==> flow/design.v <==
module cmp_unit_rtl #(
  parameter int DWIDTH = 20
) (
  input logic clock,
  input logic signed [DWIDTH-1:0] i_arg0,
  input logic signed [DWIDTH-1:0] i_arg1,
  output logic o_below,
  output logic o_is_eq,
  output logic o_gt
);
  logic signed [DWIDTH-1:0] arg0_reg;
  always_ff @(posedge clock)
    arg0_reg <= i_arg0;
  logic signed [DWIDTH-1:0] arg1_reg;
  always_ff @(posedge clock)
    arg1_reg <= i_arg1;
  logic below_reg;
  always_ff @(posedge clock)
    below_reg <= (arg0_reg < arg1_reg);
  assign o_below = below_reg;
  logic is_eq_reg;
  always_ff @(posedge clock)
    is_eq_reg <= (arg0_reg == arg1_reg);
  assign o_is_eq = is_eq_reg;
  logic gt_reg;
  always_ff @(posedge clock)
    gt_reg <= (arg0_reg > arg1_reg);
  assign o_gt = gt_reg;
endmodule
Reports on cmp_unit_rtl. Module cmp_unit_rtl in several versions that differ in "DWIDTH"; each step lists the members. The RTL above is that of DWIDTH=20; lines are counted from 1 in the file of the member named. Operators: Yosys type, input widths -> output width; for muxes data width and select width s. Cell names lack the library's common part. A cell with -- has no value.

Design top: cmp_unit_rtl. Clock input: clock. Library: sky130hd. Timing corner: tt_025C_1v80.

Members of the sweep. Lines of each other member's file that are new or changed against the file above; lines that a member lacks are not shown.

Lines new or changed: DWIDTH 40 (line 2) `parameter int DWIDTH = 40`; DWIDTH 80 (line 2) `parameter int DWIDTH = 80`; DWIDTH 128 (line 2) `parameter int DWIDTH = 128`.

Word level. Yosys after proc, flatten, opt, wreduce and memory -nomap, before mapping. Enables and synchronous resets that opt folds into registers are not counted as muxes. Memory bits, and registers merged into a memory's read port (data or address), are not among the register bits. Print and check cells are not counted. Equal cells are merged and count once.

Cells by class: DWIDTH 20 ($lt $le $gt $ge 2, equal/unequal tests 1); DWIDTH 40 ($lt $le $gt $ge 2, equal/unequal tests 1); DWIDTH 80 ($lt $le $gt $ge 2, equal/unequal tests 1); DWIDTH 128 ($lt $le $gt $ge 2, equal/unequal tests 1).

Operator list (kind and count): DWIDTH 20 (1 x $gt 20x20->1; 1 x $lt 20x20->1; 1 x $eq 20x20->1); DWIDTH 40 (1 x $gt 40x40->1; 1 x $lt 40x40->1; 1 x $eq 40x40->1); DWIDTH 80 (1 x $gt 80x80->1; 1 x $lt 80x80->1; 1 x $eq 80x80->1); DWIDTH 128 (1 x $gt 128x128->1; 1 x $lt 128x128->1; 1 x $eq 128x128->1).

Storage and ports: DWIDTH 20 (register bits after elaboration 43, bits of input ports 41, output and inout bits 3, elaborated cells 8); DWIDTH 40 (register bits after elaboration 83, bits of input ports 81, output and inout bits 3, elaborated cells 8); DWIDTH 80 (register bits after elaboration 163, bits of input ports 161, output and inout bits 3, elaborated cells 8); DWIDTH 128 (register bits after elaboration 259, bits of input ports 257, output and inout bits 3, elaborated cells 8).

Logic depth. Yosys ltp: most cells in a row. Word level: on the elaborated netlist, between registers, memories and ports. Mapped: between sequential cells and ports; inverters and the memories' decode and read muxes count.

Logic depth: DWIDTH 20 (depth in word-level cells 1, ABC_AREA 0, gate-level depth with buffers 7, depth with buffers taken out 7); DWIDTH 40 (depth in word-level cells 1, ABC_AREA 0, gate-level depth with buffers 8, depth with buffers taken out 8); DWIDTH 80 (depth in word-level cells 1, ABC_AREA 0, gate-level depth with buffers 9, depth with buffers taken out 9); DWIDTH 128 (depth in word-level cells 1, ABC_AREA 0, gate-level depth with buffers 10, depth with buffers taken out 10).

After synthesis. Yosys stat after the flow's synthesis: flattened, memories mapped to cells. It holds for the ABC_AREA given above (unset counts as 0); a run with the other value may have another netlist.

Synthesis totals: DWIDTH 20 (cell count 115, synthesis area 0.0014139 mm^2, area of sequential cells 0.0008608 mm^2, mapped flip-flops 43, buffer cells 0); DWIDTH 40 (cell count 228, synthesis area 0.0026976 mm^2, area of sequential cells 0.0016616 mm^2, mapped flip-flops 83, buffer cells 0); DWIDTH 80 (cell count 455, synthesis area 0.0053126 mm^2, area of sequential cells 0.0032631 mm^2, mapped flip-flops 163, buffer cells 0); DWIDTH 128 (cell count 719, synthesis area 0.0084418 mm^2, area of sequential cells 0.005185 mm^2, mapped flip-flops 259, buffer cells 0).

Cell types (types with counts): DWIDTH 20 (43 x dfxtp_1; 20 x ha_1; 20 x inv_1; 7 x a21oi_1; 2 x a21boi_2; 3 x nand4_1; 2 x o21a_1; 1 x nand4_2; 1 x nor4_2; 1 x a2111o_1; 3 x nand2_1; 1 x mux2i_1; 1 x a21oi_2; 1 x and4_1; 1 x o221ai_1; 1 x xor2_1; 1 x o211ai_1; 1 x o21bai_1; (+5)); DWIDTH 40 (83 x dfxtp_1; 40 x ha_1; 42 x inv_1; 17 x a21oi_1; 9 x nand4_1; 5 x nand3_1; 6 x nand2_1; 4 x o21ai_0; 2 x a211oi_1; 2 x a21o_1; 2 x nor4_1; 1 x nor4_2; 1 x o221a_2; 1 x o311a_2; 1 x a221o_1; 1 x o311a_1; 1 x a2111oi_0; 1 x and2b_1; (+9)); DWIDTH 80 (163 x dfxtp_1; 80 x ha_1; 85 x inv_1; 29 x a21oi_1; 23 x nand2_1; 11 x nand4_1; 10 x o21ai_0; 6 x a21o_1; 4 x a221oi_1; 4 x and4_1; 8 x nor2_1; 5 x nand3_1; 2 x and4_2; 4 x nor3_1; 2 x o221ai_1; 2 x a211oi_1; 2 x o211ai_1; 1 x a211oi_2; (+14)); DWIDTH 128 (259 x dfxtp_1; 128 x ha_1; 132 x inv_1; 53 x a21oi_1; 27 x nand4_1; 30 x nand2_1; 14 x a21o_1; 16 x o21ai_0; 12 x nand3_1; 4 x a221oi_1; 6 x nor3_1; 4 x nor4_1; 1 x nor4b_4; 2 x a2111o_1; 3 x o211ai_1; 3 x o21a_1; 2 x a221o_1; 5 x nor2_1; (+18)).

A list marked (+n) leaves out that many cells.

Timing after synthesis. Source: OpenSTA report_checks on the synthesized netlist (no wires, ideal clock, input and output delay 20% of the period each), path of least setup slack; recovery checks are left aside. Register names are those of the netlist, which keeps one name where synthesis merged equal registers.

Timing after synthesis: DWIDTH 20 (kind reg2reg, start register arg1_reg[7], end register below_reg, clock period 2.09 ns, path slack 0.414 ns, driving pins on the path 8, delay of the path 1.676 ns, synthesis period reached 1.676 ns); DWIDTH 40 (kind reg2reg, start register arg1_reg[22], end register below_reg, clock period 2.67 ns, path slack 0.533 ns, driving pins on the path 9, delay of the path 2.137 ns, synthesis period reached 2.137 ns); DWIDTH 80 (kind reg2reg, start register arg1_reg[69], end register below_reg, clock period 2.51 ns, path slack 0.504 ns, driving pins on the path 10, delay of the path 2.006 ns, synthesis period reached 2.006 ns); DWIDTH 128 (kind reg2reg, start register arg1_reg[97], end register below_reg, clock period 2.81 ns, path slack 0.562 ns, driving pins on the path 11, delay of the path 2.248 ns, synthesis period reached 2.248 ns).

"delay of the path" = arrival - input delay + setup time. "driving pins on the path" counts driving pins, that of a launching flip-flop among them; a cell with two outputs on the path counts twice. "synthesis period reached" is the clock period less the worst setup slack; recovery checks do not enter. This is arithmetic on one report: input and output delays are still those of the set period (20% each). Between the ends stands the longest chain of elaborated cells between them, by number of cells; it is not shown to be the way that was timed. Of several equally long chains one is given. Each line given opens the expression or statement behind the cell; cells for indexed reads and writes are added by Yosys, which also makes memories of some case tables.

Between the ends, after synthesis, DWIDTH=20:
Length of the longest elaborated chain: 1.

RTL lines, path after synthesis, DWIDTH=20: from (decl) (line 14) `logic signed [DWIDTH-1:0] arg1_reg;`; from (assign) (line 16) `arg1_reg <= i_arg1;`; $lt 20x20->1 (line 19) `below_reg <= (arg0_reg < arg1_reg);`; to (assign) (line 19); to (decl) (line 17) `logic below_reg;`.

Between the ends, after synthesis, DWIDTH=128:
Length of the longest elaborated chain: 1.

RTL lines, path after synthesis, DWIDTH=128: from (decl) (line 14) `logic signed [DWIDTH-1:0] arg1_reg;`; from (assign) (line 16) `arg1_reg <= i_arg1;`; $lt 128x128->1 (line 19) `below_reg <= (arg0_reg < arg1_reg);`; to (assign) (line 19); to (decl) (line 17) `logic below_reg;`.

Timing after layout. Path of least setup slack in the final report of each member's run (OpenROAD, finished layout, wires in). Where an end is a register, its clock arrival counts in the times.

Timing after layout: DWIDTH 20 (kind reg2reg, start register arg1_reg[19], end register gt_reg, clock period 2.09 ns, path slack 0.27 ns, driving pins on the path 8, arrival 2.09 ns, path buffers 0); DWIDTH 40 (kind reg2reg, start register arg1_reg[22], end register below_reg, clock period 2.67 ns, path slack 0.39 ns, driving pins on the path 9, arrival 2.51 ns, path buffers 0); DWIDTH 80 (kind reg2reg, start register arg1_reg[43], end register below_reg, clock period 2.51 ns, path slack 0.27 ns, driving pins on the path 10, arrival 2.54 ns, path buffers 0); DWIDTH 128 (kind reg2reg, start register arg1_reg[97], end register below_reg, clock period 2.81 ns, path slack 0.20 ns, driving pins on the path 11, arrival 3.03 ns, path buffers 0).

Measured runs. One run of the flow (Yosys, OpenROAD) for each member, with settings and measured results. Input and output delays are each 20% of the period that was set; the output load is 0.01 pF.

The entry for CAP_MARGIN reads 20. For CORE_MARGIN the number is 2. The entry for CORE_UTILIZATION reads 40. For SLEW_MARGIN the number is 20.

Settings by member (period_ns): DWIDTH 20 (2.09); DWIDTH 40 (2.67); DWIDTH 80 (2.51); DWIDTH 128 (2.81).

Measured results: DWIDTH 20 (cell area after synthesis 0.0014139 mm^2, die outline area 0.0040259 mm^2, final utilization 0.582, worst setup slack after layout 0.273 ns, worst hold slack 0.507 ns, total power of the final layout 0.001463 W, clock period achieved 1.817 ns); DWIDTH 40 (cell area after synthesis 0.0026976 mm^2, die outline area 0.0074166 mm^2, final utilization 0.598, worst setup slack after layout 0.395 ns, worst hold slack 0.627 ns, total power of the final layout 0.002553 W, clock period achieved 2.275 ns); DWIDTH 80 (cell area after synthesis 0.0053126 mm^2, die outline area 0.0142194 mm^2, final utilization 0.592, worst setup slack after layout 0.272 ns, worst hold slack 0.526 ns, total power of the final layout 0.005855 W, clock period achieved 2.238 ns); DWIDTH 128 (cell area after synthesis 0.0084418 mm^2, die outline area 0.022283 mm^2, final utilization 0.59, worst setup slack after layout 0.201 ns, worst hold slack 0.476 ns, total power of the final layout 0.008316 W, clock period achieved 2.609 ns).

"clock period achieved": clock period set for the run, less the worst setup slack. It is reckoned from that one timing run; input and output delays stay at 20% of the period that was set. By "total power of the final layout" is meant OpenSTA's value without simulated activity: inputs other than the clock are taken to toggle once in ten clock periods, and the tool carries that through the logic.
